==> flow/design.v <==
module gen_comparator_rtl #(
    parameter integer WD = 7
) (
    input wire sys_clk,
    input wire [WD-1:0] opa,
    input wire [WD-1:0] opb,
    input wire [WD-1:0] opc,
    output reg between
);
    reg [WD-1:0] opa_s;
    reg [WD-1:0] opb_s;
    reg [WD-1:0] opc_s;
    always @(posedge sys_clk) begin
        opa_s <= opa;
        opb_s <= opb;
        opc_s <= opc;
        between <= (opa_s >= opb_s) && (opa_s <= opc_s);
    end
endmodule
Reports on gen_comparator_rtl
The steps from the RTL of gen_comparator_rtl to its reports follow in flow order.
Lines are those of the file above, counted from 1.
Operators carry their Yosys type and port widths (W data, S select, Z words).
Cell names lack the library's common part.
Not given: -
- top module: gen_comparator_rtl
- clock port: sys_clk
- cell library: sky130hd
- corner: tt_025C_1v80

Elaborated design
Yosys after proc, flatten, opt, wreduce and memory -nomap, before mapping. Enables and synchronous resets that opt folds into registers are not counted as muxes. Memory bits, and registers merged into a memory's read port (data or address), are not among the register bits. Print and check cells are not counted. Equal cells are merged and count once.
- bits in registers at 22
- bits of input ports at 22
- word-level cells: 7
- magnitude comparators: 2
- reduce/logical cells: 1
- operator list (operator ; count):
    $ge A7 B7 Y1 ; 1
    $le A7 B7 Y1 ; 1
    $logic_and A1 B1 Y1 ; 1

Depth
Depth = most cells in a row (Yosys ltp): at word level without a register or memory, in the mapped netlist without a sequential cell, where the memories' decode and read muxes count.
- word-level depth at 2
- noted ABC_AREA: 0
- noted depth in mapped cells: 6
- noted depth with buffers taken out: 6

Netlist
The flow's flattened synthesis, as Yosys stat reports it; memories are mapped. The netlist is that of the ABC_AREA named above (0 if unset); the other value can give another one.
- cell types (cell ; count ; total area (µm²)):
    dfxtp_1 ; 22 ; 440.422
    ha_1 ; 14 ; 175.168
    inv_1 ; 13 ; 48.797
    a21oi_1 ; 4 ; 20.019
    o221ai_2 ; 1 ; 15.014
    nand2b_4 ; 1 ; 13.763
    nor2_1 ; 3 ; 11.261
    o32a_1 ; 1 ; 10.01
    o2111ai_1 ; 1 ; 8.758
    a211oi_1 ; 1 ; 7.507
    nand3b_1 ; 1 ; 7.507
    nand4_1 ; 1 ; 6.256
    nor2b_1 ; 1 ; 6.256
    nand3_1 ; 1 ; 5.005
    nor3_1 ; 1 ; 5.005
    o21ai_0 ; 1 ; 5.005
- standard cells after synthesis: 67
- noted chip area (Yosys): 785.8 µm²
- noted area of sequential cells: 440.4 µm²
- mapped flip-flops: 22

Worst setup path after synthesis
Path of least setup slack by OpenSTA after synthesis, without wires, with an ideal clock, recovery checks aside; 20% of the period is set as input and as output delay. Where synthesis merged equal registers, the netlist keeps one of their names.
- path kind: reg-to-reg
- from: register opa_s[0]
- to: register between
- clock period at 1.58 ns
- library setup time: 0.122 ns
- time at the first pin: 0.000 ns
- arrival time: 1.146 ns
- data required time at 1.458 ns
- setup slack: 0.312 ns
- noted path delay: 1.268 ns
- stages on the path at 6
- noted buffers on the path: 0
- synthesis period reached at 1.268 ns
"path delay" = arrival - input delay + setup time.
"stages on the path" counts driving pins, that of a launching flip-flop among them; a cell with two outputs on the path counts twice.
"synthesis period reached" = period - worst setup slack (recovery checks aside). The figure is calculated, with input and output delays left at 20% of the set period.
Between the ends stands the longest chain of elaborated cells between them, by number of cells; it is not shown to be the way that was timed. Of several equally long chains one is given.
A line is the first line of the expression or statement that the cell stems from. Yosys adds cells for indexed reads and writes and turns some case tables into memories.
- path through: dfxtp_1 > inv_1 > ha_1 > o221ai_2 > a21oi_1 > o32a_1
- noted cells in the longest elaborated chain: 2
- elaborated cells on any way between the ends at 3
- classes of those cells: 2 x compare; 1 x reduce/logical
- ends and longest elaborated chain, after synthesis (item ; RTL line ; source):
    from (decl) ; 10 ; reg [WD-1:0] opa_s;
    from (assign) ; 14 ; opa_s <= opa;
    $ge A7 B7 Y1 ; 17 ; between <= (opa_s >= opb_s) && (opa_s <= opc_s);
    $logic_and A1 B1 Y1 ; 17 ;
    to (assign) ; 17 ;
    to (decl) ; 8 ; output reg between

Path in the finished layout
Path of least setup slack in the final report of job 1 (OpenROAD, finished layout, wires in). Where an end is a register, its clock arrival counts in the times.
- path kind: reg-to-output
- from: register between
- to: output port between
- clock period at 1.58 ns
- time at the first pin: 0.29 ns
- arrival time: 1.15 ns
- data required time at 1.26 ns
- setup slack: 0.11 ns
- stages on the path at 2
- noted buffers on the path: 1
- path through: dfxtp_1 > clkdlybuf4s50_1
- noted cells in the longest elaborated chain: 0
- elaborated cells on any way between the ends at 0
- ends and longest elaborated chain, after layout (item ; RTL line ; source):
    from (decl) ; 8 ; output reg between
    from (assign) ; 17 ; between <= (opa_s >= opb_s) && (opa_s <= opc_s);
    to (decl) ; 8 ;

Lab notebook: gen_comparator_rtl

Design gen_comparator_rtl on sky130hd. What follows are 3 stored runs of the flow, each under its own settings; their order means nothing. The constraints put input and output delay at 20% of the set period each and load the outputs with 0.01 pF.
"clock period achieved" means the clock period less the worst setup slack. The figure is calculated, with input and output delays left at 20% of the set period.
"worst setup path time" = time allowed to the worst setup path (clock period - input delay - output delay, where it has them) - its slack; a late launch clock adds to it, a late capture clock takes from it.
"power consumption": no workload was simulated; the value follows from the tool's default switching activity.

Job 1
Settings were period_ns = 1.58; CAP_MARGIN = 20; CORE_MARGIN = 2; CORE_UTILIZATION = 40; SLEW_MARGIN = 20
- Yosys chip area after synthesis: 785.8 µm²
- area of the die at 2334.8 µm²
- standard-cell area after layout: 1076.0 µm²
- utilization after layout: 0.566
- lowest setup slack at 0.114 ns
- summed negative setup slack: 0.000 ns
- noted the smallest hold slack: 0.446 ns
- power consumption: 1.025 mW
- noted the clock period achieved: 1.466 ns
- noted the worst setup path time: 1.15 ns
- worst setup path type: reg-to-output

Job 2
Settings were period_ns = 1.53; CORE_UTILIZATION = 32; PLACE_DENSITY = 0.93; CORE_ASPECT_RATIO = 1.27; CORE_MARGIN = 9; TNS_END_PERCENT = 40; GPL_TIMING_DRIVEN = 0; CTS_CLUSTER_SIZE = 91; CTS_CLUSTER_DIAMETER = 146; CAP_MARGIN = 20; SLEW_MARGIN = 20
- Yosys chip area after synthesis: 785.8 µm²
- area of the die at 4575.9 µm²
- standard-cell area after layout: 1081.0 µm²
- utilization after layout: 0.479
- lowest setup slack at 0.057 ns
- summed negative setup slack: 0.000 ns
- noted the smallest hold slack: 0.426 ns
- power consumption: 1.068 mW
- noted the clock period achieved: 1.473 ns
- noted the worst setup path time: 1.17 ns
- worst setup path type: reg-to-output

Job 3
Settings were period_ns = 1.37; CORE_UTILIZATION = 28; SETUP_SLACK_MARGIN = 0.21; CORE_ASPECT_RATIO = 0.76; ABC_AREA = 0; CTS_CLUSTER_SIZE = 94; CTS_CLUSTER_DIAMETER = 179; CAP_MARGIN = 20; MIN_ROUTING_LAYER = met1; MAX_ROUTING_LAYER = met4; CORE_MARGIN = 2; SLEW_MARGIN = 20
- Yosys chip area after synthesis: 785.8 µm²
- area of the die at 3249.9 µm²
- standard-cell area after layout: 1255.0 µm²
- utilization after layout: 0.479
- lowest setup slack at 0.088 ns
- summed negative setup slack: 0.000 ns
- noted the smallest hold slack: 0.439 ns
- power consumption: 1.491 mW
- noted the clock period achieved: 1.282 ns
- noted the worst setup path time: 1.28 ns
- worst setup path type: reg-to-reg
